==> flow/design.v <==
module diff_unit_v2 #(
  parameter DATA_W = 14
) (
  input  wire core_clk,
  input  wire [DATA_W-1:0] i_src1,
  input  wire i_dir,
  input  wire i_load,
  output wire [DATA_W-1:0] o_out
);
  reg [DATA_W-1:0] acc;
  always @(posedge core_clk) begin
    acc <= i_load ? i_src1 : i_dir ? acc - i_src1 : acc + i_src1;
  end
  assign o_out = acc;
endmodule
---- Tool chain data of diff_unit_v2 ----
The steps from the RTL of diff_unit_v2 to its reports follow in flow order.
Line numbers count from 1 in the design file above.
Cell names lack the library's common part.
The mark -- stands for no value.
design
  top module .............................. diff_unit_v2
  clock ................................... core_clk
  cell library ............................ sky130hd
  timing corner ........................... tt_025C_1v80

---- After elaboration ----
Counts by Yosys on the flattened word-level netlist (proc, flatten, opt, wreduce; memories kept). Register bits leave out memories and registers merged into their read ports (data or address); mux counts leave out enables and synchronous resets folded into registers. Print and check cells are left out. Cells with the same type and inputs are merged into one.
bit counts
  output and inout port bits .............. 14
  input port bits ......................... 17
  word-level cells ........................ 5
  register bits ........................... 14
operators by class
  multiplexer cells ....................... 2
  add/subtract/negate cells ............... 2
operator list
  cell               number
  2-to-1 mux 14 bit  2
  adder 14 bit       1
  subtractor 14 bit  1

---- Longest topological paths ----
Longest topological path by Yosys (ltp), each cell counted once; first at word level (registers and memories cut), then after technology mapping (sequential cells cut; the memories' decode and read muxes count).
logic depth
  depth in word-level cells ............... 3
  ABC_AREA ................................ 0
  depth in mapped cells ................... 13
  depth with buffers taken out ............ 12

---- Mapped cells and area ----
Source: synth_stat.txt of the flow (Yosys; design flattened, memories mapped). It holds for the ABC_AREA given above (unset counts as 0); a run with the other value may have another netlist.
The area totals of this step are shown rounded.
cells by type
  cell     number  area in all (um2)
  dfxtp_1  14      280.269
  ha_1     14      175.168
  xnor2_1  16      140.134
  a21oi_1  15      75.072
  nand2_1  14      52.55
  nor2_1   13      48.797
  nor4_4   2       42.541
  o21ai_0  8       40.038
  a21o_1   5       37.536
  inv_1    10      37.536
  mux2i_1  3       30.029
  o31ai_1  4       30.029
  xor2_1   3       26.275
  nor3_1   5       25.024
  a221o_1  2       20.019
  fa_1     1       20.019
  a31oi_1  3       18.768
  and3_1   3       18.768
Other cell types: 27; their cells: 37.
mapped netlist
  buffer cells ............................ 5
  area of sequential cells ................ 280 um2
  flip-flop cells ......................... 14
  mapped cells ............................ 172
  chip area (Yosys) ....................... 1380 um2

---- Worst setup path after synthesis ----
OpenSTA on the mapped netlist: ideal clock, no wires. The path of least setup slack (recovery checks aside). Input and output delay are each 20% of the period. Register names are those of the netlist, which keeps one name where synthesis merged equal registers.
timing path post-synthesis
  kind .................................... in2reg
  start point ............................. input port i_src1[5]
  end point ............................... register acc[13]
  time at the first pin ................... 710 ps
  buffers on the path ..................... 1
  setup time .............................. 73 ps
  period .................................. 3550 ps
  external input delay .................... 710 ps
  path slack .............................. 571 ps
  driving pins on the path ................ 11
  delay of the path ....................... 2269 ps
  data required time ...................... 3477 ps
  arrival ................................. 2906 ps
  period reached after synthesis .......... 2979 ps
"delay of the path" is the arrival time less input delay plus setup time.
"driving pins on the path" counts driving pins, that of a launching flip-flop among them; a cell with two outputs on the path counts twice.
"period reached after synthesis" = period - worst setup slack (recovery checks aside). The figure is calculated, with input and output delays left at 20% of the set period.
The rows between start and end are the longest chain of elaborated cells between them; the timing report does not say that the signal goes this way. Where chains are equally long, one stands for them.
Each line given opens the expression or statement behind the cell; cells for indexed reads and writes are added by Yosys, which also makes memories of some case tables.
between the ends, post-synthesis
  cells stage by stage .................... nor4_4 > and2_1 > a21oi_1 > xnor2_1 > ha_1 > buf_2 > a21o_1 > a221o_1 > and4b_1 > a211o_1 > nor3_2
  cells in the longest elaborated chain ... 3
  elaborated cells on any way between the ends .. 4
  RTL lines with such cells ............... 1
  classes of those cells .................. add/sub: 2; mux: 2
RTL lines, path post-synthesis
  item                            line  RTL
  from (decl)                     5     input  wire [DATA_W-1:0] i_src1,
  adder 14 bit                    12    acc <= i_load ? i_src1 : i_dir ? acc - i_src1 : acc + i_src1;
  2-to-1 mux 14 bit (2 in a row)  12
  to (assign)                     12
  to (decl)                       10    reg [DATA_W-1:0] acc;

---- Path in the finished layout ----
From the final timing report of flow run B: the path of least setup slack in the routed layout; clock arrival at registers is part of the times.
The path's times are printed in steps of 10 ps; the period is the one set.
timing path after layout
  kind .................................... in2reg
  start point ............................. input port i_src1[5]
  end point ............................... register acc[13]
  setup time .............................. 60 ps
  arrival ................................. 3540 ps
  path slack .............................. 240 ps
  driving pins on the path ................ 11
  data required time ...................... 3780 ps
  time at the first pin ................... 710 ps
  external input delay .................... 710 ps
  period .................................. 3550 ps
  buffers on the path ..................... 1
The rows between start and end are the longest chain of elaborated cells between them; the timing report does not say that the signal goes this way. Where chains are equally long, one stands for them.
between the ends, after layout
  cells stage by stage .................... clkdlybuf4s50_1 > nor4_4 > and2_1 > a31oi_1 > xnor2_1 > ha_1 > and4_1 > a221o_1 > and4b_1 > a211o_1 > nor3_2
  cells in the longest elaborated chain ... 3
  elaborated cells on any way between the ends .. 4
  RTL lines with such cells ............... 1
  classes of those cells .................. add/sub: 2; mux: 2
RTL lines, path after layout
  item                            line  RTL
  from (decl)                     5     input  wire [DATA_W-1:0] i_src1,
  adder 14 bit                    12    acc <= i_load ? i_src1 : i_dir ? acc - i_src1 : acc + i_src1;
  2-to-1 mux 14 bit (2 in a row)  12
  to (assign)                     12
  to (decl)                       10    reg [DATA_W-1:0] acc;

Lab notebook: diff_unit_v2

Module diff_unit_v2, platform sky130hd: 3 stored runs of the flow (Yosys, OpenROAD) with differing settings, in no particular order. Input and output delays are each 20% of the period that was set; the output load is 0.01 pF.
"achieved period" is the run's clock period less its worst setup slack. It is reckoned from that one timing run; input and output delays stay at 20% of the period that was set.
Measured values are rounded.

---- flow run A ----
settings
  period_ns = 3.99
  CORE_UTILIZATION = 69
  SETUP_SLACK_MARGIN = 0.73
  PLACE_DENSITY_LB_ADDON = 0.06
  CORE_ASPECT_RATIO = 0.51
  CELL_PAD_IN_SITES_GLOBAL_PLACEMENT = 3
  ABC_AREA = 0
  SLEW_MARGIN = 15
  CAP_MARGIN = 20
  CORE_MARGIN = 2
results
  stopped before the end: placement reported FLW-0024

---- flow run B ----
settings
  period_ns = 3.55
  CAP_MARGIN = 20
  CORE_MARGIN = 2
  CORE_UTILIZATION = 40
  SLEW_MARGIN = 20
results
  chip area after synthesis (Yosys) ....... 1380 um2
  post-route setup TNS .................... 0 ps
  achieved period ......................... 3306 ps
  worst hold slack ........................ 581 ps
  overall die area ........................ 3940 um2
  utilization of the finished layout ...... 0.576
  setup slack of the worst path ........... 244 ps

---- flow run C ----
settings
  period_ns = 2.32
  CORE_UTILIZATION = 57
  SETUP_SLACK_MARGIN = 0.46
  PLACE_DENSITY_LB_ADDON = 0.16
  ABC_AREA = 0
  GPL_TIMING_DRIVEN = 0
  GPL_ROUTABILITY_DRIVEN = 0
  CAP_MARGIN = 20
  CORE_MARGIN = 2
  SLEW_MARGIN = 20
results
  stopped before the end: routing reported DPL-0038
